==> flow/design.v <==
module gen_mult_p #(
  parameter integer BITS = 5
) (
  input  wire clock,
  input  wire srst,
  input  wire step,
  input  wire [BITS-1:0] in0_i,
  input  wire [BITS-1:0] in1_i,
  input  wire [2*BITS-1:0] in2_i,
  output reg [2*BITS:0] p_o
);
  always @(posedge clock) begin
    if (srst) begin
      p_o <= 0;
    end else if (step) begin
      p_o <= in0_i * in1_i + in2_i;
    end
  end
endmodule
# Reports on gen_mult_p
# A sweep over "BITS": the same steps for each member of the family.
# The file above is the member BITS=5. Line numbers count from 1 in each member's own file.
# Operators carry their Yosys type and port widths (W data, S select, Z words).
# Library cell names are shortened.
# Not given: -
[inputs] top_module="gen_mult_p" clock_port="clock" library="sky130hd" corner="tt_025C_1v80"

# Members of the sweep
# Lines of each other member's file that are new or changed against the file above; lines that a member lacks are not shown.
[changed_lines] BITS=10 line=2 source="parameter integer BITS = 10"
[changed_lines] BITS=11 line=2 source="parameter integer BITS = 11"
[changed_lines] BITS=22 line=2 source="parameter integer BITS = 22"

# After elaboration
# Yosys after proc, flatten, opt, wreduce and memory -nomap, before mapping. Enables and synchronous resets that opt folds into registers are not counted as muxes. Memory bits, and registers merged into a memory's read port (data or address), are not among the register bits. Print and check cells are not counted. Equal cells are merged and count once.
[word_totals] BITS=5 reg_bits=11 inputBits=23 output_inout_bits=11 word_cells=3
[word_totals] BITS=10 reg_bits=21 inputBits=43 output_inout_bits=21 word_cells=3
[word_totals] BITS=11 reg_bits=23 inputBits=47 output_inout_bits=23 word_cells=3
[word_totals] BITS=22 reg_bits=45 inputBits=91 output_inout_bits=45 word_cells=3
[classes] BITS=5 addsub=1 mul=1
[classes] BITS=10 addsub=1 mul=1
[classes] BITS=11 addsub=1 mul=1
[classes] BITS=22 addsub=1 mul=1
[ops] BITS=5 op_list="$mul A5 B5 Y10: 1; $add A10 B10 Y11: 1"
[ops] BITS=10 op_list="$mul A10 B10 Y20: 1; $add A20 B20 Y21: 1"
[ops] BITS=11 op_list="$mul A11 B11 Y22: 1; $add A22 B22 Y23: 1"
[ops] BITS=22 op_list="$mul A22 B22 Y44: 1; $add A44 B44 Y45: 1"

# Longest topological paths
# Depth = most cells in a row (Yosys ltp): at word level without a register or memory, in the mapped netlist without a sequential cell, where the memories' decode and read muxes count.
[depth] BITS=5 ltp_word=2 ABC_AREA=0 depth_mapped=12 depth_no_buf=12
[depth] BITS=10 ltp_word=2 ABC_AREA=0 depth_mapped=19 depth_no_buf=18
[depth] BITS=11 ltp_word=2 ABC_AREA=0 depth_mapped=19 depth_no_buf=18
[depth] BITS=22 ltp_word=2 ABC_AREA=0 depth_mapped=26 depth_no_buf=24

# Mapped cells and area
# The flow's flattened synthesis, as Yosys stat reports it; memories are mapped. The netlist is that of the ABC_AREA named above (0 if unset); the other value can give another one.
[mapped] BITS=5 cells=155 synth_area_um2=1433.9 seqArea_um2=220.2 ff_cells=11 buf_cells=4
[mapped] BITS=10 cells=543 synth_area_um2=4737.0 seqArea_um2=420.4 ff_cells=21 buf_cells=20
[mapped] BITS=11 cells=662 synth_area_um2=5622.9 seqArea_um2=460.4 ff_cells=23 buf_cells=30
[mapped] BITS=22 cells=2133 synth_area_um2=18905.6 seqArea_um2=900.9 ff_cells=45 buf_cells=110
[types] BITS=5 cell_types="fa_1: 17; ha_1: 19; dfxtp_1: 11; and2_1: 14; inv_1: 21; nand2_1: 13; mux2i_1: 4; nand2b_1: 6; nor2_1: 8; nor3b_1: 4; a21oi_1: 5; o211ai_1: 3; a211oi_4: 1; a211o_1: 2; o311ai_1: 2; xnor2_1: 2; a2111oi_2: 1; a211oi_1: 2; [+20]"
[types] BITS=10 cell_types="fa_1: 82; ha_1: 57; dfxtp_1: 21; inv_1: 111; and2_1: 52; nand2_1: 66; nor2_1: 27; mux2i_1: 10; clkbuf_1: 19; a21oi_1: 14; xnor2_1: 6; o21ai_0: 10; and3_1: 5; nor3_1: 6; nand3_1: 5; nand2b_1: 3; nor2b_1: 3; o22ai_1: 3; [+43]"
[types] BITS=11 cell_types="fa_1: 102; ha_1: 59; inv_1: 166; dfxtp_1: 23; nand2_1: 96; and2_1: 45; mux2i_1: 11; clkbuf_1: 25; nor2_1: 25; xnor2_1: 8; a21oi_1: 12; o21ai_0: 11; nand2b_1: 7; xor2_1: 4; a21o_1: 4; a41oi_4: 1; o311ai_0: 3; nand3_1: 5; [+55]"
[types] BITS=22 cell_types="fa_1: 441; ha_1: 159; inv_1: 496; and2_1: 219; nand2_1: 325; dfxtp_1: 45; clkbuf_1: 97; a21oi_1: 53; mux2i_1: 22; nor2_1: 54; xnor2_1: 21; o21ai_0: 36; a21o_1: 13; xor2_1: 8; o21a_1: 9; o21bai_1: 9; nand4_1: 10; a211oi_1: 8; [+108]"
# A list marked [+n] leaves out that many cells.

# Timing after synthesis
# Source: OpenSTA report_checks on the synthesized netlist (no wires, ideal clock, input and output delay 20% of the period each), path of least setup slack; recovery checks are left aside. Register names are those of the netlist, which keeps one name where synthesis merged equal registers.
[synth_timing] BITS=5 path_type="in2reg" startpoint="input port in1_i[4]" endpoint="register p_o[10]" tclk_ps=4540 setup_slack_ps=729 driving_pins=11 path_delay_ps=2903 synth_period_reached_ps=3811
[synth_timing] BITS=10 path_type="in2reg" startpoint="input port in1_i[6]" endpoint="register p_o[20]" tclk_ps=7390 setup_slack_ps=1184 driving_pins=17 path_delay_ps=4728 synth_period_reached_ps=6206
[synth_timing] BITS=11 path_type="in2reg" startpoint="input port in1_i[7]" endpoint="register p_o[22]" tclk_ps=7160 setup_slack_ps=1148 driving_pins=16 path_delay_ps=4581 synth_period_reached_ps=6012
[synth_timing] BITS=22 path_type="in2reg" startpoint="input port in0_i[13]" endpoint="register p_o[38]" tclk_ps=9240 setup_slack_ps=1480 driving_pins=22 path_delay_ps=5912 synth_period_reached_ps=7760
# "path_delay_ps" is the arrival time less input delay plus setup time.
# "driving_pins": output pins that drive a net of the path, with the launching flip-flop's if there is one; two outputs of one cell count as two.
# "synth_period_reached_ps" = period - worst setup slack (recovery checks aside). The figure is calculated, with input and output delays left at 20% of the set period.
# Between the ends stands the longest chain of elaborated cells between them, by number of cells; it is not shown to be the way that was timed. Of several equally long chains one is given.
# Each line given opens the expression or statement behind the cell; cells for indexed reads and writes are added by Yosys, which also makes memories of some case tables.
[synth_between_BITS_5] elab_chain_len=2
[synth_rtl_BITS_5] element="from (decl)" line=8 source="input  wire [BITS-1:0] in1_i,"
[synth_rtl_BITS_5] element="$mul A5 B5 Y10" line=16 source="p_o <= in0_i * in1_i + in2_i;"
[synth_rtl_BITS_5] element="$add A10 B10 Y11" line=16
[synth_rtl_BITS_5] element="to (assign)" line=14 source="p_o <= 0;"
[synth_rtl_BITS_5] element="to (assign)" line=16
[synth_rtl_BITS_5] element="to (decl)" line=10 source="output reg [2*BITS:0] p_o"
[synth_between_BITS_22] elab_chain_len=2
[synth_rtl_BITS_22] element="from (decl)" line=7 source="input  wire [BITS-1:0] in0_i,"
[synth_rtl_BITS_22] element="$mul A22 B22 Y44" line=16 source="p_o <= in0_i * in1_i + in2_i;"
[synth_rtl_BITS_22] element="$add A44 B44 Y45" line=16
[synth_rtl_BITS_22] element="to (assign)" line=14 source="p_o <= 0;"
[synth_rtl_BITS_22] element="to (assign)" line=16
[synth_rtl_BITS_22] element="to (decl)" line=10 source="output reg [2*BITS:0] p_o"

# Timing after layout
# Path of least setup slack in the final report of each member's run (OpenROAD, finished layout, wires in). Where an end is a register, its clock arrival counts in the times.
# The path's times are printed in steps of 10 ps; the period is the one set.
[layout_timing] BITS=5 path_type="in2reg" startpoint="input port in1_i[4]" endpoint="register p_o[10]" tclk_ps=4540 setup_slack_ps=220 driving_pins=11 t_arrival_ps=4440 path_buffers=1
[layout_timing] BITS=10 path_type="in2reg" startpoint="input port in0_i[8]" endpoint="register p_o[20]" tclk_ps=7390 setup_slack_ps=720 driving_pins=16 t_arrival_ps=6810 path_buffers=1
[layout_timing] BITS=11 path_type="in2reg" startpoint="input port in0_i[7]" endpoint="register p_o[20]" tclk_ps=7160 setup_slack_ps=480 driving_pins=17 t_arrival_ps=6830 path_buffers=1
[layout_timing] BITS=22 path_type="in2reg" startpoint="input port in1_i[15]" endpoint="register p_o[41]" tclk_ps=9240 setup_slack_ps=560 driving_pins=21 t_arrival_ps=8870 path_buffers=1

# Flow runs
# One run of the flow (Yosys, OpenROAD) for each member, with settings and measured results. Input and output delays are each 20% of the period that was set; the output load is 0.01 pF.
[settings] CAP_MARGIN=20 CORE_MARGIN=2 CORE_UTILIZATION=40 SLEW_MARGIN=20
[settings_by_member] BITS=5 period_ns=4.54
[settings_by_member] BITS=10 period_ns=7.39
[settings_by_member] BITS=11 period_ns=7.16
[settings_by_member] BITS=22 period_ns=9.24
[measured] BITS=5 synthesis_area_um2=1433.9 total_die_area_um2=4079.4 final_cell_area_um2=1831.8 fin_ws_ps=217 timing.hold.ws_ps=474
[measured] BITS=10 synthesis_area_um2=4737.0 total_die_area_um2=12729.5 final_cell_area_um2=5587.9 fin_ws_ps=720 timing.hold.ws_ps=474
[measured] BITS=11 synthesis_area_um2=5622.9 total_die_area_um2=15022.2 final_cell_area_um2=6500.0 fin_ws_ps=477 timing.hold.ws_ps=481
[measured] BITS=22 synthesis_area_um2=18905.6 total_die_area_um2=49020.2 final_cell_area_um2=21304.2 fin_ws_ps=556 timing.hold.ws_ps=457
